==> flow/design.v <==
module my_reg_file_mod_entry #(parameter N = 8) (
  input wire clk,
  input wire en,
  input wire [N-1:0] d,
  output reg [N-1:0] q
);
  always @(posedge clk)
    if (en) q <= d;
endmodule
module my_reg_file_mod (aclk, rst_i, wr_en, wa, wdata, rsel, rdata);
  parameter WORDS = 64;
  parameter WIDTH = 10;
  parameter NUM_RD = 3;
  localparam ADDR_W = $clog2(WORDS);
  input aclk;
  input rst_i;
  input wr_en;
  input [ADDR_W-1:0] wa;
  input [WIDTH-1:0] wdata;
  input [NUM_RD*ADDR_W-1:0] rsel;
  output [NUM_RD*WIDTH-1:0] rdata;
  reg wr_en_r;
  reg [ADDR_W-1:0] wa_r;
  reg [WIDTH-1:0] wdata_r;
  always @(posedge aclk) begin
    if (rst_i) begin
      wr_en_r <= 1'b0;
      wa_r <= 0;
      wdata_r <= 0;
    end else begin
      wr_en_r <= wr_en;
      wa_r <= wa;
      wdata_r <= wdata;
    end
  end
  wire [WORDS*WIDTH-1:0] store;
  genvar i;
  generate
    for (i = 0; i < WORDS; i = i + 1) begin : blk
      my_reg_file_mod_entry #(.N(WIDTH)) u (.clk(aclk), .en(wr_en_r && wa_r == i), .d(wdata_r), .q(store[i*WIDTH +: WIDTH]));
    end
  endgenerate
  reg [NUM_RD*ADDR_W-1:0] rsel_r;
  always @(posedge aclk) begin
    if (rst_i) begin
      rsel_r <= 0;
    end else begin
      rsel_r <= rsel;
    end
  end
  wire [NUM_RD*WIDTH-1:0] work;
  genvar j;
  generate
    for (j = 0; j < NUM_RD; j = j + 1) begin : each
      assign work[j*WIDTH +: WIDTH] = store[rsel_r[j*ADDR_W +: ADDR_W]*WIDTH +: WIDTH];
    end
  endgenerate
  reg [NUM_RD*WIDTH-1:0] rdata_r;
  always @(posedge aclk) begin
    if (rst_i) begin
      rdata_r <= 0;
    end else begin
      rdata_r <= work;
    end
  end
  assign rdata = rdata_r;
endmodule
### Step by step through the tools: my_reg_file_mod

Tool output for the design above, in the order of the flow.
Line numbers count from 1 in the design file above.
Library cell names are shortened.
The mark - stands for no value.

| inputs | value |
|---|---|
| top | my_reg_file_mod |
| clock port | aclk |
| cell library | sky130hd |
| timing corner | tt_025C_1v80 |

### Word level

Source: Yosys, flattened and elaborated, memories not mapped. Widths are those after wreduce; folded enables and synchronous resets count as part of the registers. Registers that Yosys merges into a memory's read port (data or address) are not register bits. Print and check cells do not count. Equal cells are merged and count once.

| operators by class | value |
|---|---|
| bitwise logic cells | 0 |
| multiply operators | 3 |
| multiplexer cells | 0 |
| equality and inequality tests | 63 |
| shift operators | 3 |
| div/mod/pow operators | 0 |
| reduce/logical cells | 65 |
| add/sub/neg operators | 0 |
| magnitude comparators | 0 |

Operators by type and width:

| operator | count |
|---|---|
| 640-bit by 11-bit indexed select with 10-bit output | 3 |
| 6-bit == test with constant B | 32 |
| 6-bit by 5-bit == test with 1-bit output with constant B | 16 |
| 6-bit by 3-bit multiplier with 9-bit output with constant B | 3 |
| 1-bit logical AND | 64 |
| 6-bit by 4-bit == test with 1-bit output with constant B | 8 |
| 6-bit by 3-bit == test with 1-bit output with constant B | 4 |
| 6-bit by 2-bit == test with 1-bit output with constant B | 2 |
| 6-bit by 1-bit == test with 1-bit output with constant B | 1 |
| 6-bit zero test | 1 |

| storage and ports | value |
|---|---|
| ROM bits | 0 |
| clocked read ports x word width | 0 |
| memories | 0 |
| register bits after elaboration | 705 |
| bits in latches | 0 |
| word-level cells | 203 |
| bits in writable memories | 0 |

### Longest topological paths

Longest topological path by Yosys (ltp), each cell counted once; first at word level (registers and memories cut), then after technology mapping (sequential cells cut; the memories' decode and read muxes count).

| logic depth | value |
|---|---|
| depth in word-level cells | 2 |
| ABC_AREA | 0 |
| gate-level depth with buffers | 10 |

### Netlist

Source: synth_stat.txt of the flow (Yosys; design flattened, memories mapped). It holds for the ABC_AREA given above (unset counts as 0); a run with the other value may have another netlist.

Cells by type:

| type | count | total area (µm²) |
|---|---|---|
| edfxtp_1 | 640 | 1.92E+04 |
| mux4_2 | 493 | 1.11E+04 |
| mux2i_1 | 137 | 1.37E+03 |
| dfxtp_1 | 65 | 1.3E+03 |
| nor2_1 | 97 | 364.099 |
| nor2b_1 | 52 | 325.312 |
| buf_4 | 41 | 307.795 |
| buf_2 | 59 | 295.283 |
| mux2_2 | 22 | 247.738 |
| nand2_1 | 56 | 210.202 |
| clkbuf_1 | 51 | 191.434 |
| o22ai_1 | 26 | 162.656 |
| o21ai_1 | 29 | 145.139 |
| a22oi_1 | 19 | 142.637 |
| buf_6 | 12 | 135.13 |
| o221ai_1 | 15 | 131.376 |
| a21oi_1 | 25 | 125.12 |
| o21ai_0 | 20 | 100.096 |

Not listed: further types 34, cells in them 138.

| mapped netlist | value |
|---|---|
| flip-flop cells | 705 |
| cells in the netlist | 1997 |
| mapped area | 36824.1 µm² |

By module: a second synthesis without flattening, with its own total; a netlist apart from the flattened one above.

| unflattened totals | value |
|---|---|
| cells (unflattened synthesis) | 1933 |
| area (unflattened synthesis) | 36775.3 µm² |

Each row is one instance without its submodules.

Modules:

| module | area (µm²) | times used | cells |
|---|---|---|---|
| my_reg_file_mod_entry #(N=10) | 300.3 | 64 | 10 |
| my_reg_file_mod | 17556.8 | 1 | 1293 |

### Path before layout

OpenSTA on the mapped netlist: ideal clock, no wires. The path of least setup slack (recovery checks aside). Input and output delay are each 20% of the period. Register names are those of the netlist, which keeps one name where synthesis merged equal registers.

| timing path post-synthesis | value |
|---|---|
| path type | register to register |
| start point | register rsel_r[13] |
| end point | register rdata_r[20] |
| path delay | 2.113 ns |
| driving pins on the path | 8 |
| time at the first pin | 0.000 ns |
| setup slack | 0.526 ns |
| setup time | 0.122 ns |
| arrival | 1.991 ns |
| period | 2.64 ns |
| period reached after synthesis | 2.114 ns |

"path delay" = arrival - input delay + setup time.
"driving pins on the path" counts driving pins, that of a launching flip-flop among them; a cell with two outputs on the path counts twice.
"period reached after synthesis" = period - worst setup slack (recovery checks aside). The figure is calculated, with input and output delays left at 20% of the set period.
The rows between start and end are the longest chain of elaborated cells between them; the timing report does not say that the signal goes this way. Where chains are equally long, one stands for them.
A line is the first line of the expression or statement that the cell stems from. Yosys adds cells for indexed reads and writes and turns some case tables into memories.

| between the ends, post-synthesis | value |
|---|---|
| path through | dfxtp_1 > buf_4 > buf_4 > clkbuf_1 > mux4_2 > mux4_2 > o211ai_1 > o21ai_1 |
| cells in the longest elaborated chain | 2 |
| elaborated cells on any way between the ends | 2 |
| those cells by class | mul: 1; shift: 1 |

Ends and longest elaborated chain, post-synthesis:

| item | RTL line | text |
|---|---|---|
| start, declared | 43 | `reg [NUM_RD*ADDR_W-1:0] rsel_r;` |
| start, assigned | 46 | `rsel_r <= 0;` |
| start, assigned | 48 | `rsel_r <= rsel;` |
| 6-bit by 3-bit multiplier with 9-bit output | 55 | `assign work[j*WIDTH +: WIDTH] = store[rsel_r[j*ADDR_W +: ADDR_W]*WIDTH +: WIDTH];` |
| 640-bit by 11-bit indexed select with 10-bit output | 55 |  |
| end, assigned | 61 | `rdata_r <= 0;` |
| end, assigned | 63 | `rdata_r <= work;` |
| end, declared | 58 | `reg [NUM_RD*WIDTH-1:0] rdata_r;` |

### Timing after layout

Path of least setup slack in the final report of job 1 (OpenROAD, finished layout, wires in). Where an end is a register, its clock arrival counts in the times.

| timing path after layout | value |
|---|---|
| path type | register to register |
| start point | register rsel_r[12] |
| end point | register rdata_r[28] |
| arrival | 3.17 ns |
| period | 1.56 ns |
| driving pins on the path | 7 |
| time at the first pin | 0.65 ns |
| setup slack | -1.12 ns |
| setup time | 0.16 ns |

The rows between start and end are the longest chain of elaborated cells between them; the timing report does not say that the signal goes this way. Where chains are equally long, one stands for them.

| between the ends, after layout | value |
|---|---|
| path through | dfxtp_4 > buf_12 > buf_4 > mux4_2 > mux4_2 > o211ai_1 > o21ai_1 |
| cells in the longest elaborated chain | 2 |
| elaborated cells on any way between the ends | 2 |
| those cells by class | mul: 1; shift: 1 |

Ends and longest elaborated chain, after layout:

| item | RTL line | text |
|---|---|---|
| start, declared | 43 | `reg [NUM_RD*ADDR_W-1:0] rsel_r;` |
| start, assigned | 46 | `rsel_r <= 0;` |
| start, assigned | 48 | `rsel_r <= rsel;` |
| 6-bit by 3-bit multiplier with 9-bit output | 55 | `assign work[j*WIDTH +: WIDTH] = store[rsel_r[j*ADDR_W +: ADDR_W]*WIDTH +: WIDTH];` |
| 640-bit by 11-bit indexed select with 10-bit output | 55 |  |
| end, assigned | 61 | `rdata_r <= 0;` |
| end, assigned | 63 | `rdata_r <= work;` |
| end, declared | 58 | `reg [NUM_RD*WIDTH-1:0] rdata_r;` |

==> runs of my_reg_file_mod <==
Measured results for my_reg_file_mod: 3 stored runs of the Yosys and OpenROAD flow on sky130hd. The settings differ; the order carries no meaning. The constraints put input and output delay at 20% of the set period each and load the outputs with 0.01 pF.
"achieved clock period" is the run's clock period less its worst setup slack. It is reckoned from that one timing run; input and output delays stay at 20% of the period that was set.
"time of the worst setup path": the worst setup path's part of the clock period (all of it between registers, 20% less for each end at a port) less its slack. A launch clock that arrives late makes it longer, a capture clock that arrives late makes it shorter.
"total power of the final layout": no workload was simulated; the value follows from the tool's default switching activity.
Among the settings, - means not set for that run.

| run | period_ns | CORE_UTILIZATION | SETUP_SLACK_MARGIN | PLACE_DENSITY_LB_ADDON | CORE_ASPECT_RATIO | CELL_PAD_IN_SITES_GLOBAL_PLACEMENT | CELL_PAD_IN_SITES_DETAIL_PLACEMENT | CTS_CLUSTER_SIZE | SLEW_MARGIN | MIN_ROUTING_LAYER | CAP_MARGIN | CORE_MARGIN | ABC_AREA | GPL_ROUTABILITY_DRIVEN | MAX_ROUTING_LAYER | synthesized cell area (µm²) | overall die area (µm²) | standard-cell area after layout (µm²) | final design utilization (%) | setup slack of the worst path (ns) | sum of negative setup slack (ns) | worst hold slack after layout (ns) | total power of the final layout (W) | achieved clock period (ns) | time of the worst setup path (ns) | class of the worst setup path |
|---|---|---|---|---|---|---|---|---|---|---|---|---|---|---|---|---|---|---|---|---|---|---|---|---|---|---|
| job 1 | 1.56 | 51 | 0.19 | 0.12 | 0.9 | 2 | 1 | 94 | 25 | met1 | 20 | 2 | - | - | - | 36824.1 | 74373.5 | 51344.2 | 71.7 | -1.125 | -69.479 | 0.158 | 0.047035 | 2.685 | 2.68 | register to register |
| job 2 | 2.64 | 40 | - | - | - | - | - | - | 20 | - | 20 | 2 | - | - | - | 36824.1 | 94504.0 | 43591.8 | 47.7 | 0.036 | 0.000 | 0.426 | 0.026968 | 2.604 | 2.60 | register to register |
| job 3 | 3.25 | 59 | 0.28 | 0.16 | - | 0 | - | - | 20 | met1 | 10 | 2 | 1 | 0 | met4 | 41184.5 | 71933.9 | 45073.2 | 65.5 | 0.567 | 0.000 | 0.465 | 0.022749 | 2.683 | 2.68 | register to register |
